==> flow/design.v <==
module gen_add_n #(
    parameter WIDTH = 5,
    parameter NIN = 24,
    parameter RW = WIDTH + $clog2(NIN)
) (
    input ck,
    input clr,
    input en,
    input [NIN*WIDTH-1:0] i_ch,
    output reg [RW-1:0] o_o
);
    reg [NIN*WIDTH-1:0] ch_q;
    wire [RW-1:0] n_ [1:2*NIN-1];
    genvar gi;
    generate
        for (gi = 0; gi < NIN; gi = gi + 1) begin : g_bit
            assign n_[NIN+gi] = ch_q[gi*WIDTH +: WIDTH];
        end
        for (gi = 1; gi < NIN; gi = gi + 1) begin : stage
            assign n_[gi] = n_[2*gi] + n_[2*gi+1];
        end
    endgenerate
    always @(posedge ck or posedge clr) begin
        if (clr) begin
            ch_q <= 0;
            o_o <= 0;
        end else if (en) begin
            ch_q <= i_ch;
            o_o <= n_[1];
        end
    end
endmodule
# Step by step through the tools: gen_add_n

What the tools print for gen_add_n, step after step.
Lines are those of the file above, counted from 1.
Operators: Yosys type, input widths -> output width; for muxes data width and select width s.
Cell names lack the library's common part.
Not given: n/a

Design top: gen_add_n
Clock: ck
Cell library: sky130hd
Corner: tt_025C_1v80

# After elaboration

Yosys after proc, flatten, opt, wreduce and memory -nomap, before mapping. Enables and synchronous resets that opt folds into registers are not counted as muxes. Print and check cells are not counted. Equal cells are merged and count once.

Output and inout bits: 10
Register bits: 130
Bits of input ports: 123
Elaborated cells: 25

$add $sub $neg: 23

Operators with widths:

| cell           | number |
| $add 10x10->10 | 11 |
| $add 5x5->6    | 12 |

# Longest topological paths

Yosys ltp: most cells in a row. Word level: on the elaborated netlist, between registers, memories and ports. Mapped: between sequential cells and ports; inverters and the memories' decode and read muxes count.

Depth after elaboration: 5
ABC_AREA: 0
Depth in mapped cells: 20

# Synthesis result

The flow's flattened synthesis, as Yosys stat reports it; memories are mapped. The netlist is that of the ABC_AREA named above (0 if unset); the other value can give another one.
The area totals of this step are shown rounded.

Sequential part of the area: 3253 µm²
Synthesis area: 8539 µm²
Flip-flops: 130
Cells in the netlist: 691

Cell types:

| cell     | number | total area (µm²) |
| dfrtp_1  | 130    | 3253.12 |
| fa_1     | 69     | 1.38E+03 |
| mux2_2   | 86     | 968.429 |
| ha_1     | 75     | 938.4 |
| inv_1    | 104    | 390.374 |
| mux2_1   | 24     | 270.259 |
| xor2_1   | 24     | 210.202 |
| a21o_1   | 26     | 195.187 |
| a21oi_1  | 32     | 160.154 |
| xnor2_1  | 14     | 122.618 |
| nand2_1  | 29     | 108.854 |
| buf_6    | 9      | 101.347 |
| o21ai_0  | 18     | 90.086 |
| a211oi_1 | 11     | 82.579 |
| nor2_1   | 13     | 48.797 |
| buf_12   | 2      | 40.038 |
| buf_2    | 5      | 25.024 |
| nand4_1  | 3      | 18.768 |

Other cell types: 15; their cells: 17.

# Path before layout

Source: OpenSTA report_checks on the synthesized netlist (no wires, ideal clock, input and output delay 20% of the period each), path of least setup slack; recovery checks are left aside. Register names are those of the netlist, which keeps one name where synthesis merged equal registers.

Kind: register to register
Start: register ch_q[60]
End: register o_o[8]
Buffers on the path: 0
Clock period: 6440 ps
Slack: 1285 ps
Data arrival time: 5029 ps
Delay of the path: 5155 ps
Stages on the path: 19
Setup time: 126 ps
Period reached after synthesis: 5155 ps

"delay of the path" is the arrival time less input delay plus setup time.
"stages on the path" counts driving pins, that of a launching flip-flop among them; a cell with two outputs on the path counts twice.
"period reached after synthesis" is the clock period less the worst setup slack; recovery checks do not enter. This is arithmetic on one report: input and output delays are still those of the set period (20% each).
Between the ends stands the longest chain of elaborated cells between them, by number of cells; it is not shown to be the way that was timed. Of several equally long chains one is given.
Each line given opens the expression or statement behind the cell; cells for indexed reads and writes are added by Yosys, which also makes memories of some case tables.

Cells stage by stage: dfrtp_1 -> ha_1 -> fa_1 -> a21o_1 -> a21oi_1 -> xor2_1 -> fa_1 -> fa_1 -> inv_1 -> fa_1 -> fa_1 -> inv_1 -> fa_1 -> inv_1 -> ha_1 -> and2b_1 -> o31ai_2 -> a211o_1 -> nand3_1
Cells in the longest elaborated chain: 5
Elaborated cells between the ends (all ways): 5
RTL lines with such cells: 1
Those cells by class: add/sub: 5

Ends and longest elaborated chain, post-synthesis:

| what              | RTL line | RTL |
| start, declared   | 12       | `reg [NIN*WIDTH-1:0] ch_q;` |
| start, assigned   | 25       | `ch_q <= 0;` |
| start, assigned   | 28       | `ch_q <= i_ch;` |
| $add 5x5->6       | 20       | `assign n_[gi] = n_[2*gi] + n_[2*gi+1];` |
| $add 10x10->10 x4 | 20       |  |
| end, assigned     | 26       | `o_o <= 0;` |
| end, assigned     | 29       | `o_o <= n_[1];` |
| end, declared     | 10       | `output reg [RW-1:0] o_o` |

# Worst path after layout

From the final timing report of flow run 1: the path of least setup slack in the routed layout; clock arrival at registers is part of the times.
The report prints the path's times to 10 ps; the period is as set.

Kind: register to register
Start: register ch_q[20]
End: register o_o[8]
Slack: 1010 ps
Buffers on the path: 0
Stages on the path: 18
Data arrival time: 5730 ps
Setup time: 120 ps
Clock period: 6440 ps

Between the ends stands the longest chain of elaborated cells between them, by number of cells; it is not shown to be the way that was timed. Of several equally long chains one is given.

Cells stage by stage: dfrtp_1 -> ha_1 -> fa_1 -> a21o_1 -> a21oi_1 -> xnor2_1 -> fa_1 -> fa_1 -> fa_1 -> fa_1 -> inv_1 -> fa_1 -> inv_1 -> ha_1 -> and2b_1 -> o31ai_2 -> a211o_1 -> nand3_1
Cells in the longest elaborated chain: 4
Elaborated cells between the ends (all ways): 4
RTL lines with such cells: 1
Those cells by class: add/sub: 4

Ends and longest elaborated chain, post-layout:

| what              | RTL line | RTL |
| start, declared   | 12       | `reg [NIN*WIDTH-1:0] ch_q;` |
| start, assigned   | 25       | `ch_q <= 0;` |
| start, assigned   | 28       | `ch_q <= i_ch;` |
| $add 5x5->6       | 20       | `assign n_[gi] = n_[2*gi] + n_[2*gi+1];` |
| $add 10x10->10 x3 | 20       |  |
| end, assigned     | 26       | `o_o <= 0;` |
| end, assigned     | 29       | `o_o <= n_[1];` |
| end, declared     | 10       | `output reg [RW-1:0] o_o` |

Ticket comment

Design gen_add_n on sky130hd. What follows are 3 stored runs of the flow, each under its own settings; their order means nothing. The constraints put input and output delay at 20% of the set period each and load the outputs with 0.01 pF.
"clock period reached" is the run's clock period less its worst setup slack. It is reckoned from that one timing run; input and output delays stay at 20% of the period that was set.
Results are given in rounded form.

## Flow run 1

==> flow/run.sh <==
#!/bin/bash
# the make line also repeats the synthesis and layout settings of config.mk as NAME=value (left out here)
make -C /OpenROAD-flow-scripts/flow DESIGN_CONFIG=/design/flow/config.mk WORK_HOME=/design/flow/orfs CLKGATE_MAP_FILE= finish
==> flow/config.mk <==
export PLATFORM = sky130hd
export DESIGN_NAME = gen_add_n
export DESIGN_NICKNAME = gen_add_n
export VERILOG_FILES = /design/flow/design.v
export SDC_FILE = /design/flow/constraint.sdc
export NUM_CORES = 4
export LEC_CHECK = 0
export CAP_MARGIN = 20
export CORE_MARGIN = 2
export CORE_UTILIZATION = 40
export SLEW_MARGIN = 20
==> flow/constraint.sdc <==
create_clock -name core_clock -period 6.44 [get_ports {ck}]
set_input_delay 1.2880 -clock core_clock [delete_from_list [all_inputs] [get_ports {ck}]]
set_output_delay 1.2880 -clock core_clock [all_outputs]
set_load 0.01 [all_outputs]

| result of flow run 1 | value |
|---|---|
| lowest setup slack | 1009 ps |
| clock period reached | 5431 ps |
| cell area after synthesis | 8539 µm² |
| total die area | 22530 µm² |
| final worst hold slack | 491 ps |
| summed negative setup slack | 0 ps |
| standard-cell area after routing | 10580 µm² |

## Flow run 2

==> flow/run.sh <==
#!/bin/bash
# the make line also repeats the synthesis and layout settings of config.mk as NAME=value (left out here)
make -C /OpenROAD-flow-scripts/flow DESIGN_CONFIG=/design/flow/config.mk WORK_HOME=/design/flow/orfs CLKGATE_MAP_FILE= finish
==> flow/config.mk <==
export PLATFORM = sky130hd
export DESIGN_NAME = gen_add_n
export DESIGN_NICKNAME = gen_add_n
export VERILOG_FILES = /design/flow/design.v
export SDC_FILE = /design/flow/constraint.sdc
export NUM_CORES = 4
export LEC_CHECK = 0
export CAP_MARGIN = 20
export CELL_PAD_IN_SITES_DETAIL_PLACEMENT = 2
export CORE_ASPECT_RATIO = 0.98
export CORE_MARGIN = 2
export CORE_UTILIZATION = 54
export CTS_CLUSTER_DIAMETER = 211
export MIN_ROUTING_LAYER = met1
export PLACE_DENSITY_LB_ADDON = 0.2
export SLEW_MARGIN = 40
==> flow/constraint.sdc <==
create_clock -name core_clock -period 5.76 [get_ports {ck}]
set_input_delay 1.1520 -clock core_clock [delete_from_list [all_inputs] [get_ports {ck}]]
set_output_delay 1.1520 -clock core_clock [all_outputs]
set_load 0.01 [all_outputs]

Flow run 2: stopped before the end: placement reported DPL-0033

## Flow run 3

==> flow/run.sh <==
#!/bin/bash
# the make line also repeats the synthesis and layout settings of config.mk as NAME=value (left out here)
make -C /OpenROAD-flow-scripts/flow DESIGN_CONFIG=/design/flow/config.mk WORK_HOME=/design/flow/orfs CLKGATE_MAP_FILE= finish
==> flow/config.mk <==
export PLATFORM = sky130hd
export DESIGN_NAME = gen_add_n
export DESIGN_NICKNAME = gen_add_n
export VERILOG_FILES = /design/flow/design.v
export SDC_FILE = /design/flow/constraint.sdc
export NUM_CORES = 4
export LEC_CHECK = 0
export ABC_AREA = 1
export CAP_MARGIN = 20
export CELL_PAD_IN_SITES_GLOBAL_PLACEMENT = 0
export CORE_MARGIN = 2
export CORE_UTILIZATION = 22
export GPL_ROUTABILITY_DRIVEN = 1
export GPL_TIMING_DRIVEN = 1
export MAX_ROUTING_LAYER = met4
export MIN_ROUTING_LAYER = met1
export PLACE_DENSITY = 0.83
export SLEW_MARGIN = 20
==> flow/constraint.sdc <==
create_clock -name core_clock -period 3.68 [get_ports {ck}]
set_input_delay 0.7360 -clock core_clock [delete_from_list [all_inputs] [get_ports {ck}]]
set_output_delay 0.7360 -clock core_clock [all_outputs]
set_load 0.01 [all_outputs]

| result of flow run 3 | value |
|---|---|
| lowest setup slack | -1266 ps |
| clock period reached | 4946 ps |
| cell area after synthesis | 8618 µm² |
| total die area | 40770 µm² |
| final worst hold slack | 476 ps |
| summed negative setup slack | -9303 ps |
| standard-cell area after routing | 11730 µm² |
